==> flow/design.v <==
module mux_mod #(
  parameter integer DATA_WIDTH = 6,
  parameter integer N_IN = 64,
  parameter integer SW = $clog2(N_IN)
) (
  input wire sys_clk,
  input wire enable,
  input wire [N_IN*DATA_WIDTH-1:0] src,
  input wire [SW-1:0] s,
  output wire [DATA_WIDTH-1:0] o
);
  reg [N_IN*DATA_WIDTH-1:0] r_src;
  reg [SW-1:0] r_s;
  always @(posedge sys_clk) begin
    if (enable) begin
      r_src <= src;
      r_s <= s;
    end
  end
  wire [DATA_WIDTH-1:0] lvl [1:2*N_IN-1];
  genvar k;
  generate
    for (k = 0; k < N_IN; k = k + 1) begin : stage
      assign lvl[N_IN+k] = r_src[k*DATA_WIDTH +: DATA_WIDTH];
    end
    for (k = 1; k < N_IN; k = k + 1) begin : g_bit
      sel2 #(.N(DATA_WIDTH)) el (.a(lvl[2*k]), .b(lvl[2*k+1]), .s(r_s[SW - $clog2(k+1)]), .y(lvl[k]));
    end
  endgenerate
  assign o = lvl[1];
endmodule
module sel2 #(parameter N = 1) (
  input wire [N-1:0] a,
  input wire [N-1:0] b,
  input wire s,
  output wire [N-1:0] y
);
  assign y = s ? b : a;
endmodule
Step by step through the tools: mux_mod
The steps from the RTL of mux_mod to its reports follow in flow order.
Lines are those of the file above, counted from 1.
Not given: --
Set-up
  top module: mux_mod
  clock input: sys_clk
  library: sky130hd
  library corner: tt_025C_1v80

Word level
Source: Yosys, flattened and elaborated. Widths are those after wreduce; folded enables and synchronous resets count as part of the registers. Registers that Yosys merges into a memory's read port (data or address) are not register bits. Print and check cells do not count. Equal cells are merged and count once.
Storage and ports
  bits in registers: 390
  bits of input ports: 392
  output and inout port bits: 6
  elaborated cells: 65
Operators by class
  muxes and demuxes: 63
Operators with widths (count)
  two-way mux 6 bit: 63

Logic depth
Depth = most cells in a row (Yosys ltp): at word level without a register or memory, in the mapped netlist without a sequential cell, where the memories' decode and read muxes count.
Depth
  word-level depth: 6
  ABC_AREA: 0
  mapped depth: 9
  gate-level depth less buffers: 5

Mapped cells and area
Yosys stat after the flow's synthesis: flattened, memories mapped to cells. It holds for the ABC_AREA given above (unset counts as 0); a run with the other value may have another netlist.
The area totals of this step are shown rounded.
Cell types
  sky130_fd_sc_hd__edfxtp_1: count 390, area in all 1.17E+04 um2
  sky130_fd_sc_hd__mux4_2: count 90, area in all 2.03E+03 um2
  sky130_fd_sc_hd__mux4_1: count 8, area in all 210.202 um2
  sky130_fd_sc_hd__mux2i_1: count 7, area in all 70.067 um2
  sky130_fd_sc_hd__o221ai_1: count 8, area in all 70.067 um2
  sky130_fd_sc_hd__o22ai_1: count 11, area in all 68.816 um2
  sky130_fd_sc_hd__buf_2: count 12, area in all 60.058 um2
  sky130_fd_sc_hd__buf_6: count 5, area in all 56.304 um2
  sky130_fd_sc_hd__nor2b_1: count 8, area in all 50.048 um2
  sky130_fd_sc_hd__mux2_2: count 4, area in all 45.043 um2
  sky130_fd_sc_hd__buf_12: count 2, area in all 40.038 um2
  sky130_fd_sc_hd__a211oi_1: count 5, area in all 37.536 um2
  sky130_fd_sc_hd__buf_4: count 5, area in all 37.536 um2
  sky130_fd_sc_hd__nor2_1: count 10, area in all 37.536 um2
  sky130_fd_sc_hd__o21ai_1: count 7, area in all 35.034 um2
  sky130_fd_sc_hd__a21oi_1: count 6, area in all 30.029 um2
  sky130_fd_sc_hd__clkbuf_1: count 8, area in all 30.029 um2
  sky130_fd_sc_hd__a221oi_1: count 3, area in all 26.275 um2
Not listed: further types 20, cells in them 37.
Mapped netlist
  standard cells after synthesis: 626
  mapped area: 14900 um2
  sequential part of the area: 11700 um2
  flip-flops: 390
  buffers: 33
By module: a second synthesis without flattening, with its own total; a netlist apart from the flattened one above.
Unflattened totals
  cells (unflattened synthesis): 831
  area total of the unflattened synthesis: 18100 um2
Rows give one instance, submodules left out.
By module
  mux_mod: times used 1, cells 390, area 11700 um2, seq. area 11700 um2
  sel2 #(N=6): times used 63, cells 7, area 101 um2, seq. area 0.0 um2

Timing after synthesis
Path of least setup slack by OpenSTA after synthesis, without wires, with an ideal clock, recovery checks aside; 20% of the period is set as input and as output delay. Where synthesis merged equal registers, the netlist keeps one of their names.
Timing post-synthesis
  kind: register to output
  from: register r_s[0]
  to: output port o[4]
  clock period: 2.87 ns
  external output delay: 0.574 ns
  launch time at the first pin: 0.000 ns
  data arrival time: 1.834 ns
  data required time: 2.296 ns
  setup slack: 0.462 ns
  path delay: 1.834 ns
  driving pins on the path: 7
  buffers on the path: 2
  period reached after synthesis: 2.408 ns
"path delay" = arrival - input delay + setup time.
A path that ends at an output port has no setup time.
"driving pins on the path": output pins that drive a net of the path, with the launching flip-flop's if there is one; two outputs of one cell count as two.
"period reached after synthesis" is the clock period less the worst setup slack; recovery checks do not enter. This is arithmetic on one report: input and output delays are still those of the set period (20% each).
The rows between start and end are the longest chain of elaborated cells between them; the timing report does not say that the signal goes this way. Where chains are equally long, one stands for them.
A line is the first line of the expression or statement that the cell stems from. Yosys adds cells for indexed reads and writes and turns some case tables into memories.
Between the ends, post-synthesis
  cells stage by stage: sky130_fd_sc_hd__edfxtp_1 > sky130_fd_sc_hd__buf_6 > sky130_fd_sc_hd__buf_2 > sky130_fd_sc_hd__mux4_2 > sky130_fd_sc_hd__o22a_1 > sky130_fd_sc_hd__o221ai_1 > sky130_fd_sc_hd__o41ai_1
  cells in the longest elaborated chain: 6
  elaborated cells on any way between the ends: 63
  RTL lines with such cells: 1
  classes of those cells: mux: 63
Ends and longest elaborated chain, post-synthesis
  from (decl): line 13  | reg [SW-1:0] r_s;
  from (assign): line 17  | r_s <= s;
  two-way mux 6 bit (6 in a row): line 38  | assign y = s ? b : a;
  to (decl): line 10  | output wire [DATA_WIDTH-1:0] o

Worst path after layout
Path of least setup slack in the final report of run 1 (OpenROAD, finished layout, wires in). Where an end is a register, its clock arrival counts in the times.
Timing after layout
  kind: register to output
  from: register r_s[0]
  to: output port o[4]
  clock period: 2.87 ns
  external output delay: 0.57 ns
  launch time at the first pin: 0.56 ns
  data arrival time: 2.82 ns
  data required time: 2.30 ns
  setup slack: -0.53 ns
  driving pins on the path: 10
  buffers on the path: 4
The rows between start and end are the longest chain of elaborated cells between them; the timing report does not say that the signal goes this way. Where chains are equally long, one stands for them.
Between the ends, after layout
  cells stage by stage: sky130_fd_sc_hd__edfxtp_1 > sky130_fd_sc_hd__buf_6 > sky130_fd_sc_hd__buf_12 > sky130_fd_sc_hd__buf_6 > sky130_fd_sc_hd__mux4_2 > sky130_fd_sc_hd__mux2_4 > sky130_fd_sc_hd__o22a_1 > sky130_fd_sc_hd__o221ai_4 > sky130_fd_sc_hd__o41ai_4 > sky130_fd_sc_hd__buf_2
  cells in the longest elaborated chain: 6
  elaborated cells on any way between the ends: 63
  RTL lines with such cells: 1
  classes of those cells: mux: 63
Ends and longest elaborated chain, after layout
  from (decl): line 13  | reg [SW-1:0] r_s;
  from (assign): line 17  | r_s <= s;
  two-way mux 6 bit (6 in a row): line 38  | assign y = s ? b : a;
  to (decl): line 10  | output wire [DATA_WIDTH-1:0] o

Memo
Re: implementation data of mux_mod

Stored flow runs of mux_mod (3 of them; Yosys, OpenROAD, sky130hd). They differ in their settings and are not a sequence. Constraints: input delay and output delay 20% of the set period each, output load 0.01 pF.
"achieved clock period" = clock period - worst setup slack. The figure is calculated, with input and output delays left at 20% of the set period.
"worst setup path time" means the part of the period allowed to the worst setup path (the constraints hold back 20% at inputs and 20% at outputs) less its slack; where the path has registers, the arrival times of their clocks count too.
"power" rests on the timing tool's default activity at the inputs, not on a simulated workload.
The results are shown rounded.

Run 1
==> flow/run.sh <==
#!/bin/bash
# the make line also repeats the synthesis and layout settings of config.mk as NAME=value (left out here)
make -C /OpenROAD-flow-scripts/flow DESIGN_CONFIG=/design/flow/config.mk WORK_HOME=/design/flow/orfs CLKGATE_MAP_FILE= finish
==> flow/config.mk <==
export PLATFORM = sky130hd
export DESIGN_NAME = mux_mod
export DESIGN_NICKNAME = mux_mod
export VERILOG_FILES = /design/flow/design.v
export SDC_FILE = /design/flow/constraint.sdc
export NUM_CORES = 4
export LEC_CHECK = 0
export CAP_MARGIN = 20
export CORE_MARGIN = 2
export CORE_UTILIZATION = 40
export SLEW_MARGIN = 20
==> flow/constraint.sdc <==
create_clock -name core_clock -period 2.87 [get_ports {sys_clk}]
set_input_delay 0.5740 -clock core_clock [delete_from_list [all_inputs] [get_ports {sys_clk}]]
set_output_delay 0.5740 -clock core_clock [all_outputs]
set_load 0.01 [all_outputs]

==> results of run 1 <==
chip area after synthesis (Yosys): 14900 um2
die area: 38800 um2
standard-cell area of the final layout: 21800 um2
utilization: 59.6 %
worst setup slack after layout: -0.528 ns
total negative slack: -2.94 ns
worst hold slack: 0.391 ns
power: 14.0 mW
achieved clock period: 3.398 ns
worst setup path time: 2.82 ns
worst setup path kind: register to output

Run 2
==> flow/run.sh <==
#!/bin/bash
# the make line also repeats the synthesis and layout settings of config.mk as NAME=value (left out here)
make -C /OpenROAD-flow-scripts/flow DESIGN_CONFIG=/design/flow/config.mk WORK_HOME=/design/flow/orfs CLKGATE_MAP_FILE= finish
==> flow/config.mk <==
export PLATFORM = sky130hd
export DESIGN_NAME = mux_mod
export DESIGN_NICKNAME = mux_mod
export VERILOG_FILES = /design/flow/design.v
export SDC_FILE = /design/flow/constraint.sdc
export NUM_CORES = 4
export LEC_CHECK = 0
export CAP_MARGIN = 20
export CORE_ASPECT_RATIO = 0.87
export CORE_MARGIN = 3
export CORE_UTILIZATION = 52
export MAX_ROUTING_LAYER = met4
export PLACE_DENSITY = 0.54
export SETUP_SLACK_MARGIN = 0.61
export SLEW_MARGIN = 20
export TNS_END_PERCENT = 15
==> flow/constraint.sdc <==
create_clock -name core_clock -period 3.1 [get_ports {sys_clk}]
set_input_delay 0.6200 -clock core_clock [delete_from_list [all_inputs] [get_ports {sys_clk}]]
set_output_delay 0.6200 -clock core_clock [all_outputs]
set_load 0.01 [all_outputs]

==> results of run 2 <==
chip area after synthesis (Yosys): 14900 um2
die area: 30700 um2
standard-cell area of the final layout: 21200 um2
utilization: 75.8 %
worst setup slack after layout: -0.325 ns
total negative slack: -1.82 ns
worst hold slack: 0.492 ns
power: 12.6 mW
achieved clock period: 3.425 ns
worst setup path time: 2.80 ns
worst setup path kind: register to output

Run 3
==> flow/run.sh <==
#!/bin/bash
# the make line also repeats the synthesis and layout settings of config.mk as NAME=value (left out here)
make -C /OpenROAD-flow-scripts/flow DESIGN_CONFIG=/design/flow/config.mk WORK_HOME=/design/flow/orfs CLKGATE_MAP_FILE= finish
==> flow/config.mk <==
export PLATFORM = sky130hd
export DESIGN_NAME = mux_mod
export DESIGN_NICKNAME = mux_mod
export VERILOG_FILES = /design/flow/design.v
export SDC_FILE = /design/flow/constraint.sdc
export NUM_CORES = 4
export LEC_CHECK = 0
export ABC_AREA = 1
export CAP_MARGIN = 20
export CORE_MARGIN = 2
export CORE_UTILIZATION = 36
export CTS_CLUSTER_DIAMETER = 286
export PLACE_DENSITY = 0.4
export SETUP_SLACK_MARGIN = -0.08
export SLEW_MARGIN = 20
==> flow/constraint.sdc <==
create_clock -name core_clock -period 1.7 [get_ports {sys_clk}]
set_input_delay 0.3400 -clock core_clock [delete_from_list [all_inputs] [get_ports {sys_clk}]]
set_output_delay 0.3400 -clock core_clock [all_outputs]
set_load 0.01 [all_outputs]

==> results of run 3 <==
chip area after synthesis (Yosys): 15600 um2
die area: 45000 um2
standard-cell area of the final layout: 23700 um2
utilization: 55.4 %
worst setup slack after layout: -1.03 ns
total negative slack: -6.10 ns
worst hold slack: 0.105 ns
power: 24.4 mW
achieved clock period: 2.731 ns
worst setup path time: 2.39 ns
worst setup path kind: register to output
